==> flow/design.v <==
module u_switch_blk #(
  parameter integer WD = 3,
  parameter integer NIN = 6
) (
  input  logic clk,
  input  logic resetn,
  input  logic [NIN*WD-1:0] val,
  input  logic [NIN-1:0] sel,
  output logic [WD-1:0] result
);
  logic [NIN*WD-1:0] val_s;
  logic [NIN-1:0] sel_s;
  logic [WD-1:0] r;
  always_comb begin
    r = '0;
    for (int n = NIN-1; n >= 0; n = n - 1)
      if (sel_s[n]) r = val_s[n*WD +: WD];
  end
  always_ff @(posedge clk) begin
    if (!resetn) begin
      val_s <= '0;
      sel_s <= '0;
      result <= '0;
    end else begin
      val_s <= val;
      sel_s <= sel;
      result <= r;
    end
  end
endmodule
Reports on u_switch_blk
What the tools print for u_switch_blk, step after step.
Line numbers count from 1 in the design file above.
{ "inputs": {"design": "u_switch_blk", "clk_port": "clk", "lib": "sky130hd", "corner": "tt_025C_1v80"} }

Word level
Source: Yosys, flattened and elaborated, memories not mapped. Widths are those after wreduce; folded enables and synchronous resets count as part of the registers. Registers that Yosys merges into a memory's read port (data or address) are not register bits. Print and check cells do not count. Equal cells are merged and count once.
{ "classes": {"muxes": 6} }
{ "op_table": {"columns": ["cell", "n"], "rows": [
  ["3-bit two-way mux", 6]
]} }
{ "word_totals": {"register_bits": 27, "word_cells": 9} }

Longest topological paths
Longest topological path by Yosys (ltp), each cell counted once; first at word level (registers and memories cut), then after technology mapping (sequential cells cut; the memories' decode and read muxes count).
{ "depth": {"depth_word": 6, "abc_area": 1, "mapped_depth": 7, "depth_no_buf": 7} }

Mapped cells and area
Yosys stat after the flow's synthesis: flattened, memories mapped to cells. It holds for the ABC_AREA given above (unset counts as 0); a run with the other value may have another netlist.
Totals and module areas in this step are rounded.
{ "synth_totals": {"mapped_cells": 117, "seqArea_um2": 540.5, "area_um2": 920.9, "n_buf": 3, "ffs": 27} }
{ "by_type": {"columns": ["cell", "n", "area_total_um2"], "rows": [
  ["sky130_fd_sc_hd__dfxtp_1", 27, 540.518],
  ["sky130_fd_sc_hd__nand2_1", 39, 146.39],
  ["sky130_fd_sc_hd__inv_2", 22, 82.579],
  ["sky130_fd_sc_hd__a21oi_1", 9, 45.043],
  ["sky130_fd_sc_hd__inv_1", 8, 30.029],
  ["sky130_fd_sc_hd__a21oi_2", 3, 26.275],
  ["sky130_fd_sc_hd__buf_4", 2, 15.014],
  ["sky130_fd_sc_hd__nand3_1", 3, 15.014],
  ["sky130_fd_sc_hd__o21ai_0", 3, 15.014],
  ["sky130_fd_sc_hd__buf_2", 1, 5.005]
]} }

Timing after synthesis
Path of least setup slack by OpenSTA after synthesis, without wires, with an ideal clock, recovery checks aside; 20% of the period is set as input and as output delay. Where synthesis merged equal registers, the netlist keeps one of their names.
{ "synth_timing": {"path_type": "register -> register", "from": "register sel_s[4]", "to": "register result[0]", "n_path_buf": 0, "arrival_time_ns": 0.688, "setup_slack_ns": 0.330, "path_stages": 8, "period_ns": 1.14, "path_delay_ns": 0.810, "period_less_setup_slack_ns": 0.81} }
"path_delay_ns" is the arrival time less input delay plus setup time.
"path_stages": output pins that drive a net of the path, with the launching flip-flop's if there is one; two outputs of one cell count as two.
"period_less_setup_slack_ns" is the clock period less the worst setup slack; recovery checks do not enter. This is arithmetic on one report: input and output delays are still those of the set period (20% each).
The rows between start and end are the longest chain of elaborated cells between them; the timing report does not say that the signal goes this way. Where chains are equally long, one stands for them.
Each line given opens the expression or statement behind the cell; cells for indexed reads and writes are added by Yosys, which also makes memories of some case tables.
{ "synth_via": {"path_cell_list": "sky130_fd_sc_hd__dfxtp_1 -> sky130_fd_sc_hd__inv_2 -> sky130_fd_sc_hd__nand3_1 -> sky130_fd_sc_hd__nand2_1 -> sky130_fd_sc_hd__nand2_1 -> sky130_fd_sc_hd__nand2_1 -> sky130_fd_sc_hd__nand2_1 -> sky130_fd_sc_hd__a21oi_2", "elab_chain_cells": 5, "cone_cells": 5, "cone_classes": "5 x mux"} }
{ "synth_lines": {"columns": ["item", "line_no", "text"], "rows": [
  ["start, declared", 12, "logic [NIN-1:0] sel_s;"],
  ["start, assigned", 22, "sel_s <= '0;"],
  ["start, assigned", 26, "sel_s <= sel;"],
  ["3-bit two-way mux (5 in a row)", 17, "if (sel_s[n]) r = val_s[n*WD +: WD];"],
  ["end, assigned", 23, "result <= '0;"],
  ["end, assigned", 27, "result <= r;"],
  ["end, declared", 9, "output logic [WD-1:0] result"]
]} }

Worst path after layout
From the final timing report of job 1: the path of least setup slack in the routed layout; clock arrival at registers is part of the times.
{ "layout_timing": {"path_type": "register -> output", "from": "register result[0]", "to": "output port result[0]", "path_stages": 2, "n_path_buf": 1, "arrival_time_ns": 1.16, "setup_slack_ns": 0.25, "period_ns": 1.76} }
{ "layout_via": {"path_cell_list": "sky130_fd_sc_hd__dfxtp_1 -> sky130_fd_sc_hd__clkdlybuf4s50_1", "elab_chain_cells": 0, "cone_cells": 0} }
{ "layout_lines": {"columns": ["item", "line_no", "text"], "rows": [
  ["start, declared", 9, "output logic [WD-1:0] result"],
  ["start, assigned", 23, "result <= '0;"],
  ["start, assigned", 27, "result <= r;"],
  ["end, declared", 9, null]
]} }

Data sheet: physical implementation of u_switch_blk

Design u_switch_blk on sky130hd. What follows are 3 stored runs of the flow, each under its own settings; their order means nothing. The constraints put input and output delay at 20% of the set period each and load the outputs with 0.01 pF.
"period_reached_ns": clock period set for the run, less the worst setup slack. It is reckoned from that one timing run; input and output delays stay at 20% of the period that was set.
"total_power_uw" rests on the timing tool's default activity at the inputs, not on a simulated workload.
The results are shown rounded.

Job 1
==> flow/run.sh <==
#!/bin/bash
# the make line also repeats the synthesis and layout settings of config.mk as NAME=value (left out here)
make -C /OpenROAD-flow-scripts/flow DESIGN_CONFIG=/design/flow/config.mk WORK_HOME=/design/flow/orfs CLKGATE_MAP_FILE= finish
==> flow/config.mk <==
export PLATFORM = sky130hd
export DESIGN_NAME = u_switch_blk
export DESIGN_NICKNAME = u_switch_blk
export VERILOG_FILES = /design/flow/design.v
export SDC_FILE = /design/flow/constraint.sdc
export NUM_CORES = 4
export LEC_CHECK = 0
export ABC_AREA = 1
export CAP_MARGIN = 20
export CELL_PAD_IN_SITES_GLOBAL_PLACEMENT = 1
export CORE_MARGIN = 4
export CORE_UTILIZATION = 40
export CTS_CLUSTER_SIZE = 11
export GPL_ROUTABILITY_DRIVEN = 0
export GPL_TIMING_DRIVEN = 0
export PLACE_DENSITY_LB_ADDON = 0.21
export SETUP_SLACK_MARGIN = 0.22
export SLEW_MARGIN = 20
export TNS_END_PERCENT = 45
==> flow/constraint.sdc <==
create_clock -name core_clock -period 1.76 [get_ports {clk}]
set_input_delay 0.3520 -clock core_clock [delete_from_list [all_inputs] [get_ports {clk}]]
set_output_delay 0.3520 -clock core_clock [all_outputs]
set_load 0.01 [all_outputs]

==> results of job 1, as JSON <==
{
  "timing.setup.tns_ns": 0.000,
  "total_power_uw": 1046,
  "setup_worst_slack_ns": 0.252,
  "final_hold_ws_ns": 0.334,
  "synthesis_area_um2": 920.9,
  "post_route_util_pct": 56.7,
  "design_die_area_um2": 3134,
  "period_reached_ns": 1.508
}

Job 2
==> flow/run.sh <==
#!/bin/bash
# the make line also repeats the synthesis and layout settings of config.mk as NAME=value (left out here)
make -C /OpenROAD-flow-scripts/flow DESIGN_CONFIG=/design/flow/config.mk WORK_HOME=/design/flow/orfs CLKGATE_MAP_FILE= finish
==> flow/config.mk <==
export PLATFORM = sky130hd
export DESIGN_NAME = u_switch_blk
export DESIGN_NICKNAME = u_switch_blk
export VERILOG_FILES = /design/flow/design.v
export SDC_FILE = /design/flow/constraint.sdc
export NUM_CORES = 4
export LEC_CHECK = 0
export ABC_AREA = 0
export CAP_MARGIN = 20
export CELL_PAD_IN_SITES_DETAIL_PLACEMENT = 1
export CORE_ASPECT_RATIO = 1.84
export CORE_MARGIN = 2
export CORE_UTILIZATION = 25
export GPL_ROUTABILITY_DRIVEN = 1
export HOLD_SLACK_MARGIN = 0.27
export MAX_ROUTING_LAYER = met5
export PLACE_DENSITY_LB_ADDON = 0.11
export SETUP_SLACK_MARGIN = 0.15
export SLEW_MARGIN = 20
==> flow/constraint.sdc <==
create_clock -name core_clock -period 0.558 [get_ports {clk}]
set_input_delay 0.1116 -clock core_clock [delete_from_list [all_inputs] [get_ports {clk}]]
set_output_delay 0.1116 -clock core_clock [all_outputs]
set_load 0.01 [all_outputs]

==> results of job 2, as JSON <==
{
  "timing.setup.tns_ns": -1.831,
  "total_power_uw": 3525,
  "setup_worst_slack_ns": -0.376,
  "final_hold_ws_ns": 0.152,
  "synthesis_area_um2": 860.8,
  "post_route_util_pct": 39.6,
  "design_die_area_um2": 3951,
  "period_reached_ns": 0.934
}

Job 3
==> flow/run.sh <==
#!/bin/bash
# the make line also repeats the synthesis and layout settings of config.mk as NAME=value (left out here)
make -C /OpenROAD-flow-scripts/flow DESIGN_CONFIG=/design/flow/config.mk WORK_HOME=/design/flow/orfs CLKGATE_MAP_FILE= finish
==> flow/config.mk <==
export PLATFORM = sky130hd
export DESIGN_NAME = u_switch_blk
export DESIGN_NICKNAME = u_switch_blk
export VERILOG_FILES = /design/flow/design.v
export SDC_FILE = /design/flow/constraint.sdc
export NUM_CORES = 4
export LEC_CHECK = 0
export CAP_MARGIN = 20
export CORE_MARGIN = 2
export CORE_UTILIZATION = 40
export SLEW_MARGIN = 20
==> flow/constraint.sdc <==
create_clock -name core_clock -period 1.14 [get_ports {clk}]
set_input_delay 0.2280 -clock core_clock [delete_from_list [all_inputs] [get_ports {clk}]]
set_output_delay 0.2280 -clock core_clock [all_outputs]
set_load 0.01 [all_outputs]

==> results of job 3, as JSON <==
{
  "timing.setup.tns_ns": 0.000,
  "total_power_uw": 1576,
  "setup_worst_slack_ns": 0.048,
  "final_hold_ws_ns": 0.480,
  "synthesis_area_um2": 860.8,
  "post_route_util_pct": 60.0,
  "design_die_area_um2": 2539,
  "period_reached_ns": 1.092
}
